==> flow/design.v <==
module sync_barrel #(
  parameter integer WIDTH = 8,
  parameter integer SBITS = $clog2(WIDTH)
) (
  input wire i_clk,
  input wire [WIDTH-1:0] d_i,
  input wire [SBITS-1:0] shamt_i,
  output reg [WIDTH-1:0] res_o
);
  wire [WIDTH-1:0] node [0:SBITS];
  assign node[0] = d_i;
  genvar ii;
  generate
    for (ii = 0; ii < SBITS; ii = ii + 1) begin : row
      assign node[ii+1] = shamt_i[ii] ? (node[ii] << (1 << ii)) | (node[ii] >> (WIDTH - (1 << ii))) : node[ii];
    end
  endgenerate
  always @(posedge i_clk) begin
    res_o <= node[SBITS];
  end
endmodule
Tool chain data of sync_barrel
What the tools print for sync_barrel, step after step.
Lines are those of the file above, counted from 1.
{"block": "design", "top_module": "sync_barrel", "clk_port": "i_clk", "cell_library": "sky130hd", "lib_corner": "tt_025C_1v80"}

Word level
Yosys after proc, flatten, opt, wreduce and memory -nomap, before mapping. Enables and synchronous resets that opt folds into registers are not counted as muxes. Memory bits, and registers merged into a memory's read port (data or address), are not among the register bits. Print and check cells are not counted. Equal cells are merged and count once.
{"block": "word_totals", "regBits": 8, "latch_bits": 0, "ramBits": 0, "romBits": 0, "clocked_rd_ports_x_width": 0, "mem_count": 0, "in_bits": 12, "elab_cells": 7}
{"block": "classes", "addsub": 0, "n_mul": 0, "div": 0, "compare": 0, "eq_ne": 0, "shifts": 0, "mux": 3, "logic": 3, "reduce_logical": 0}
{"block": "ops", "op": "8-bit 2-to-1 mux", "count": 3}
{"block": "ops", "op": "8-bit by 1-bit bitwise OR with 8-bit output", "count": 1}
{"block": "ops", "op": "8-bit by 2-bit bitwise OR with 8-bit output", "count": 1}
{"block": "ops", "op": "8-bit by 4-bit bitwise OR with 8-bit output", "count": 1}

Depth
Depth = most cells in a row (Yosys ltp): at word level without a register or memory, in the mapped netlist without a sequential cell, where the memories' decode and read muxes count.
{"block": "logic_depth", "word_depth": 6, "ABC_AREA": 0, "ltp_mapped": 3, "mapped_depth_nobuf": 2}

Netlist
Yosys stat after the flow's synthesis: flattened, memories mapped to cells. It holds for the ABC_AREA given above (unset counts as 0); a run with the other value may have another netlist.
{"block": "types", "cell": "sky130_fd_sc_hd__mux4_1", "count": 8, "area_total_um2": 210.202}
{"block": "types", "cell": "sky130_fd_sc_hd__dfxtp_1", "count": 8, "area_total_um2": 160.154}
{"block": "types", "cell": "sky130_fd_sc_hd__mux2_2", "count": 8, "area_total_um2": 90.086}
{"block": "types", "cell": "sky130_fd_sc_hd__buf_6", "count": 2, "area_total_um2": 22.522}
{"block": "types", "cell": "sky130_fd_sc_hd__buf_1", "count": 1, "area_total_um2": 3.754}
{"block": "synth_totals", "cells": 27, "yosys_area_um2": 486.7, "sequential_area_um2": 160.2, "flip_flops": 8}

Path before layout
Source: OpenSTA report_checks on the synthesized netlist (no wires, ideal clock, input and output delay 20% of the period each), path of least setup slack; recovery checks are left aside. Register names are those of the netlist, which keeps one name where synthesis merged equal registers.
{"block": "synth_timing", "path_kind": "input -> register", "startpoint": "in shamt_i[0]", "endpoint": "reg res_o[1]", "tclk_ps": 1620, "in_delay_ps": 324, "setup_ps": 121, "launch_ps": 324, "arrival_ps": 1242, "required_ps": 1499, "setup_slack_ps": 257, "path_delay_ps": 1039, "path_stages": 3, "n_path_buf": 1, "period_less_setup_slack_ps": 1363}
"path_delay_ps" = arrival - input delay + setup time.
"path_stages" counts driving pins, that of a launching flip-flop among them; a cell with two outputs on the path counts twice.
"period_less_setup_slack_ps" is the clock period less the worst setup slack; recovery checks do not enter. This is arithmetic on one report: input and output delays are still those of the set period (20% each).
The rows between start and end are the longest chain of elaborated cells between them; the timing report does not say that the signal goes this way. Where chains are equally long, one stands for them.
A line is the first line of the expression or statement that the cell stems from. Yosys adds cells for indexed reads and writes and turns some case tables into memories.
{"block": "synth_via", "cell_sequence": "sky130_fd_sc_hd__buf_6 sky130_fd_sc_hd__mux4_1 sky130_fd_sc_hd__mux2_2", "elab_chain_cells": 5, "cone_cells": 5, "classes_between": "3 x mux; 2 x logic"}
{"block": "synth_rtl", "element": "start: declaration", "line_no": 7, "rtl": "input wire [SBITS-1:0] shamt_i,"}
{"block": "synth_rtl", "element": "8-bit 2-to-1 mux", "line_no": 15, "rtl": "assign node[ii+1] = shamt_i[ii] ? (node[ii] << (1 << ii)) | (node[ii] >> (WIDTH - (1 << ii))) : node[ii];"}
{"block": "synth_rtl", "element": "8-bit by 2-bit bitwise OR with 8-bit output", "line_no": 15}
{"block": "synth_rtl", "element": "8-bit 2-to-1 mux", "line_no": 15}
{"block": "synth_rtl", "element": "8-bit by 4-bit bitwise OR with 8-bit output", "line_no": 15}
{"block": "synth_rtl", "element": "8-bit 2-to-1 mux", "line_no": 15}
{"block": "synth_rtl", "element": "end: assignment", "line_no": 19, "rtl": "res_o <= node[SBITS];"}
{"block": "synth_rtl", "element": "end: declaration", "line_no": 8, "rtl": "output reg [WIDTH-1:0] res_o"}

Timing after layout
From the final timing report of flow run 1: the path of least setup slack in the routed layout; clock arrival at registers is part of the times.
The path's times are printed in steps of 10 ps; the period is the one set.
{"block": "layout_timing", "path_kind": "input -> register", "startpoint": "in shamt_i[2]", "endpoint": "reg res_o[0]", "tclk_ps": 1620, "in_delay_ps": 320, "setup_ps": 110, "launch_ps": 320, "arrival_ps": 1740, "required_ps": 1750, "setup_slack_ps": 10, "path_stages": 3, "n_path_buf": 1}
The rows between start and end are the longest chain of elaborated cells between them; the timing report does not say that the signal goes this way. Where chains are equally long, one stands for them.
{"block": "layout_via", "cell_sequence": "sky130_fd_sc_hd__clkdlybuf4s50_1 sky130_fd_sc_hd__mux4_1 sky130_fd_sc_hd__mux2_2", "elab_chain_cells": 1, "cone_cells": 1, "classes_between": "1 x mux"}
{"block": "layout_rtl", "element": "start: declaration", "line_no": 7, "rtl": "input wire [SBITS-1:0] shamt_i,"}
{"block": "layout_rtl", "element": "8-bit 2-to-1 mux", "line_no": 15, "rtl": "assign node[ii+1] = shamt_i[ii] ? (node[ii] << (1 << ii)) | (node[ii] >> (WIDTH - (1 << ii))) : node[ii];"}
{"block": "layout_rtl", "element": "end: assignment", "line_no": 19, "rtl": "res_o <= node[SBITS];"}
{"block": "layout_rtl", "element": "end: declaration", "line_no": 8, "rtl": "output reg [WIDTH-1:0] res_o"}

Data sheet: physical implementation of sync_barrel

Flow measurements of sync_barrel on sky130hd: 3 stored runs with different settings, listed in no order. Input and output delays are each 20% of the period that was set; the output load is 0.01 pF.
"period_reached_ps" means the clock period less the worst setup slack. The figure is calculated, with input and output delays left at 20% of the set period.
"critical_path_time_ps": the worst setup path's part of the clock period (all of it between registers, 20% less for each end at a port) less its slack. A launch clock that arrives late makes it longer, a capture clock that arrives late makes it shorter.
"power.total_mw" is the tool's figure for a default switching activity; nothing was simulated.
"critical_path_time_ps" is known to 10 ps.

{"run": "flow run 1", "settings": { "period_ns": 1.62, "CAP_MARGIN": 20, "CORE_MARGIN": 2, "CORE_UTILIZATION": 40, "SLEW_MARGIN": 20 }, "results": { "finish.utilization_frac": 0.626, "power.total_mw": 0.5484, "tns_setup_ps": 0, "worst_hold_slack_ps": 957, "design.die.area_um2": 1511.7, "critical_path_time_ps": 1280, "critical_path_kind": "input -> register", "finish.stdcell_area_um2": 704.4, "period_reached_ps": 1606, "fin_ws_ps": 14, "synth_chip_area_um2": 486.7 }}
{"run": "flow run 2", "settings": { "period_ns": 1.97, "CORE_UTILIZATION": 61, "SETUP_SLACK_MARGIN": -0.2, "PLACE_DENSITY_LB_ADDON": 0.17, "HOLD_SLACK_MARGIN": -0.04, "CORE_ASPECT_RATIO": 1.0, "CELL_PAD_IN_SITES_GLOBAL_PLACEMENT": 1, "CELL_PAD_IN_SITES_DETAIL_PLACEMENT": 1, "ABC_AREA": 1, "GPL_TIMING_DRIVEN": 1, "GPL_ROUTABILITY_DRIVEN": 1, "CTS_CLUSTER_SIZE": 17, "CAP_MARGIN": 20, "CORE_MARGIN": 2, "SLEW_MARGIN": 20 }, "outcome": "no final report: floorplanning broke off with PDN-0185"}
{"run": "flow run 3", "settings": { "period_ns": 0.995, "CORE_UTILIZATION": 63, "SETUP_SLACK_MARGIN": 0.09, "PLACE_DENSITY_LB_ADDON": 0.24, "CORE_ASPECT_RATIO": 0.82, "CORE_MARGIN": 7, "CELL_PAD_IN_SITES_GLOBAL_PLACEMENT": 1, "CELL_PAD_IN_SITES_DETAIL_PLACEMENT": 2, "TNS_END_PERCENT": 15, "GPL_TIMING_DRIVEN": 1, "CAP_MARGIN": 30, "SLEW_MARGIN": 35 }, "outcome": "no final report: floorplanning broke off with PDN-0185"}
